==> flow/design.v <==
module my_mul_unit_mod (sys_clk, nrst, a_in, b_in, clear_in, m_out);
    parameter DWIDTH = 12;
    parameter G = 2;
    input sys_clk;
    input nrst;
    input [DWIDTH-1:0] a_in;
    input [DWIDTH-1:0] b_in;
    input clear_in;
    output [2*DWIDTH+G-1:0] m_out;
    reg [DWIDTH-1:0] a_r;
    reg [DWIDTH-1:0] b_r;
    reg clear_r;
    always @(posedge sys_clk or negedge nrst) begin
        if (~nrst) begin
            a_r <= 0;
            b_r <= 0;
            clear_r <= 1'b0;
        end else begin
            a_r <= a_in;
            b_r <= b_in;
            clear_r <= clear_in;
        end
    end
    wire [2*DWIDTH-1:0] work;
    assign work = a_r * b_r;
    reg [2*DWIDTH+G-1:0] accum;
    always @(posedge sys_clk or negedge nrst) begin
        if (~nrst) begin
            accum <= 0;
        end else begin
            accum <= clear_r ? work : accum + work;
        end
    end
    assign m_out = accum;
endmodule
Step by step through the tools: my_mul_unit_mod
The steps from the RTL of my_mul_unit_mod to its reports follow in flow order.
Line numbers count from 1 in the design file above.
The mark - stands for no value.
Set-up
  design top: my_mul_unit_mod
  clock: sys_clk
  library: sky130hd
  corner: tt_025C_1v80

Word-level counts
Yosys after proc, flatten, opt, wreduce and memory -nomap, before mapping. Enables and synchronous resets that opt folds into registers are not counted as muxes. Memory bits, and registers merged into a memory's read port (data or address), are not among the register bits. Print and check cells are not counted. Equal cells are merged and count once.
Storage and ports
  bits in registers: 51
  input bits: 27
  output and inout port bits: 26
  word-level cells: 7
Operators by class
  mux-type cells: 1
  multipliers: 1
  $add $sub $neg: 1
Operator list (number)
  12-bit by 12-bit multiplier with 24-bit output: 1
  26-bit by 24-bit adder with 26-bit output: 1
  26-bit 2-to-1 mux: 1

Logic depth
Depth = most cells in a row (Yosys ltp): at word level without a register or memory, in the mapped netlist without a sequential cell, where the memories' decode and read muxes count.
Logic depth
  depth in word-level cells: 3
  ABC_AREA: 0
  mapped depth: 29

Mapped cells and area
Yosys stat after the flow's synthesis: flattened, memories mapped to cells. It holds for the ABC_AREA given above (unset counts as 0); a run with the other value may have another netlist.
Mapped netlist
  flip-flop cells: 51
  cell area after synthesis: 7563.5 sq um
  standard cells after synthesis: 843
Cell types
  sky130_fd_sc_hd__fa_1: number 101, area in all 2.02E+03 sq um
  sky130_fd_sc_hd__dfrtp_1: number 51, area in all 1.28E+03 sq um
  sky130_fd_sc_hd__ha_1: number 87, area in all 1.09E+03 sq um
  sky130_fd_sc_hd__inv_1: number 140, area in all 525.504 sq um
  sky130_fd_sc_hd__nand2_1: number 126, area in all 472.954 sq um
  sky130_fd_sc_hd__and2_1: number 57, area in all 356.592 sq um
  sky130_fd_sc_hd__xnor2_1: number 25, area in all 218.96 sq um
  sky130_fd_sc_hd__a21oi_1: number 34, area in all 170.163 sq um
  sky130_fd_sc_hd__clkbuf_1: number 36, area in all 135.13 sq um
  sky130_fd_sc_hd__a21o_1: number 17, area in all 127.622 sq um
  sky130_fd_sc_hd__o21ai_0: number 25, area in all 125.12 sq um
  sky130_fd_sc_hd__xor2_1: number 14, area in all 122.618 sq um
  sky130_fd_sc_hd__mux2_2: number 7, area in all 78.826 sq um
  sky130_fd_sc_hd__nor2_1: number 19, area in all 71.318 sq um
  sky130_fd_sc_hd__nand3_1: number 11, area in all 55.053 sq um
  sky130_fd_sc_hd__a211oi_1: number 7, area in all 52.55 sq um
  sky130_fd_sc_hd__o21a_1: number 7, area in all 52.55 sq um
  sky130_fd_sc_hd__o211ai_1: number 5, area in all 37.536 sq um
Other cell types: 36; their cells: 74.

Timing after synthesis
Source: OpenSTA report_checks on the synthesized netlist (no wires, ideal clock, input and output delay 20% of the period each), path of least setup slack; recovery checks are left aside. Register names are those of the netlist, which keeps one name where synthesis merged equal registers.
Timing after synthesis
  path type: flip-flop to flip-flop
  start point: register b_r[3]
  end point: register accum[24]
  buffers on the path: 2
  time at the first pin: 0.000 ns
  data arrival time: 6.390 ns
  data required time: 8.022 ns
  stages on the path: 26
  path delay: 6.518 ns
  period: 8.15 ns
  setup slack: 1.633 ns
  library setup time: 0.128 ns
  synthesis period reached: 6.517 ns
"path delay" is the arrival time less input delay plus setup time.
"stages on the path" counts driving pins, that of a launching flip-flop among them; a cell with two outputs on the path counts twice.
"synthesis period reached" = period - worst setup slack (recovery checks aside). The figure is calculated, with input and output delays left at 20% of the set period.
Between the ends stands the longest chain of elaborated cells between them, by number of cells; it is not shown to be the way that was timed. Of several equally long chains one is given.
A line is the first line of the expression or statement that the cell stems from. Yosys adds cells for indexed reads and writes and turns some case tables into memories.
Between the ends, after synthesis
  path through: sky130_fd_sc_hd__dfrtp_1 > sky130_fd_sc_hd__clkbuf_1 > sky130_fd_sc_hd__nand2_1 > sky130_fd_sc_hd__fa_1 > sky130_fd_sc_hd__fa_1 > sky130_fd_sc_hd__fa_1 > sky130_fd_sc_hd__inv_1 > sky130_fd_sc_hd__fa_1 > sky130_fd_sc_hd__inv_1 > sky130_fd_sc_hd__fa_1 > sky130_fd_sc_hd__inv_1 > sky130_fd_sc_hd__ha_1 > sky130_fd_sc_hd__a211o_1 > sky130_fd_sc_hd__o21ai_2 > sky130_fd_sc_hd__o21ai_1 > sky130_fd_sc_hd__a311oi_1 > sky130_fd_sc_hd__xnor2_1 > sky130_fd_sc_hd__ha_1 > sky130_fd_sc_hd__clkbuf_1 > sky130_fd_sc_hd__and3_1 > sky130_fd_sc_hd__o21ai_0 > sky130_fd_sc_hd__o21ai_0 > sky130_fd_sc_hd__a211oi_2 > sky130_fd_sc_hd__o211ai_1 > sky130_fd_sc_hd__o21ai_1 > sky130_fd_sc_hd__mux2_1
  cells in the longest elaborated chain: 3
  elaborated cells between the ends (all ways): 3
  source lines of those cells: 2
RTL lines, path after synthesis
  start: declaration: line 11  | reg [DWIDTH-1:0] b_r;
  start: assignment: line 16  | b_r <= 0;
  start: assignment: line 20  | b_r <= b_in;
  12-bit by 12-bit multiplier with 24-bit output: line 25  | assign work = a_r * b_r;
  26-bit by 24-bit adder with 26-bit output: line 31  | accum <= clear_r ? work : accum + work;
  26-bit 2-to-1 mux: line 31
  end: assignment: line 29  | accum <= 0;
  end: assignment: line 31
  end: declaration: line 26  | reg [2*DWIDTH+G-1:0] accum;

Timing after layout
Path of least setup slack in the final report of run A (OpenROAD, finished layout, wires in). Where an end is a register, its clock arrival counts in the times.
Timing post-layout
  path type: flip-flop to flip-flop
  start point: register b_r[5]
  end point: register accum[24]
  data arrival time: 7.30 ns
  time at the first pin: 0.30 ns
  period: 8.15 ns
  setup slack: 1.05 ns
  stages on the path: 26
  buffers on the path: 0
  data required time: 8.35 ns
  library setup time: 0.11 ns
Between the ends stands the longest chain of elaborated cells between them, by number of cells; it is not shown to be the way that was timed. Of several equally long chains one is given.
Between the ends, post-layout
  path through: sky130_fd_sc_hd__dfrtp_1 > sky130_fd_sc_hd__nand2_1 > sky130_fd_sc_hd__fa_1 > sky130_fd_sc_hd__fa_1 > sky130_fd_sc_hd__inv_1 > sky130_fd_sc_hd__ha_1 > sky130_fd_sc_hd__fa_1 > sky130_fd_sc_hd__inv_1 > sky130_fd_sc_hd__fa_1 > sky130_fd_sc_hd__inv_1 > sky130_fd_sc_hd__ha_1 > sky130_fd_sc_hd__a21o_1 > sky130_fd_sc_hd__a221oi_2 > sky130_fd_sc_hd__a211oi_1 > sky130_fd_sc_hd__o22a_1 > sky130_fd_sc_hd__o22ai_1 > sky130_fd_sc_hd__xor2_1 > sky130_fd_sc_hd__inv_1 > sky130_fd_sc_hd__ha_1 > sky130_fd_sc_hd__a21o_1 > sky130_fd_sc_hd__o21ai_0 > sky130_fd_sc_hd__o21ai_0 > sky130_fd_sc_hd__a211oi_2 > sky130_fd_sc_hd__o211ai_1 > sky130_fd_sc_hd__o21ai_1 > sky130_fd_sc_hd__mux2_1
  cells in the longest elaborated chain: 3
  elaborated cells between the ends (all ways): 3
  source lines of those cells: 2
RTL lines, path post-layout
  start: declaration: line 11  | reg [DWIDTH-1:0] b_r;
  start: assignment: line 16  | b_r <= 0;
  start: assignment: line 20  | b_r <= b_in;
  12-bit by 12-bit multiplier with 24-bit output: line 25  | assign work = a_r * b_r;
  26-bit by 24-bit adder with 26-bit output: line 31  | accum <= clear_r ? work : accum + work;
  26-bit 2-to-1 mux: line 31
  end: assignment: line 29  | accum <= 0;
  end: assignment: line 31
  end: declaration: line 26  | reg [2*DWIDTH+G-1:0] accum;

# Flow runs of my_mul_unit_mod

my_mul_unit_mod through Yosys and OpenROAD on sky130hd: 2 stored runs, unordered, with their settings and measured results. The constraints put input and output delay at 20% of the set period each and load the outputs with 0.01 pF.
"worst setup path time" = time allowed to the worst setup path (clock period - input delay - output delay, where it has them) - its slack; a late launch clock adds to it, a late capture clock takes from it.
[run A] settings: period_ns=8.15, CAP_MARGIN=20, CORE_MARGIN=2, CORE_UTILIZATION=40, SLEW_MARGIN=20
[run A] result: chip area after synthesis (Yosys) 7563.5 sq um, die area 20025.1 sq um, standard-cell area of the final layout 8414.3 sq um, worst setup slack after layout 1.046 ns, total negative slack 0.000 ns, worst hold slack 0.637 ns, worst setup path time 7.10 ns, worst setup path kind flip-flop to flip-flop
[run B] settings: period_ns=5.58, CORE_UTILIZATION=29, SETUP_SLACK_MARGIN=1.39, PLACE_DENSITY_LB_ADDON=0.06, CORE_MARGIN=5, CELL_PAD_IN_SITES_GLOBAL_PLACEMENT=3, CELL_PAD_IN_SITES_DETAIL_PLACEMENT=2, ABC_AREA=1, GPL_TIMING_DRIVEN=1, CTS_CLUSTER_SIZE=19, CAP_MARGIN=20, SLEW_MARGIN=20
[run B] result: chip area after synthesis (Yosys) 8575.7 sq um, die area 33111.3 sq um, standard-cell area of the final layout 12389.4 sq um, worst setup slack after layout -0.385 ns, total negative slack -3.521 ns, worst hold slack 0.645 ns, worst setup path time 5.97 ns, worst setup path kind flip-flop to flip-flop
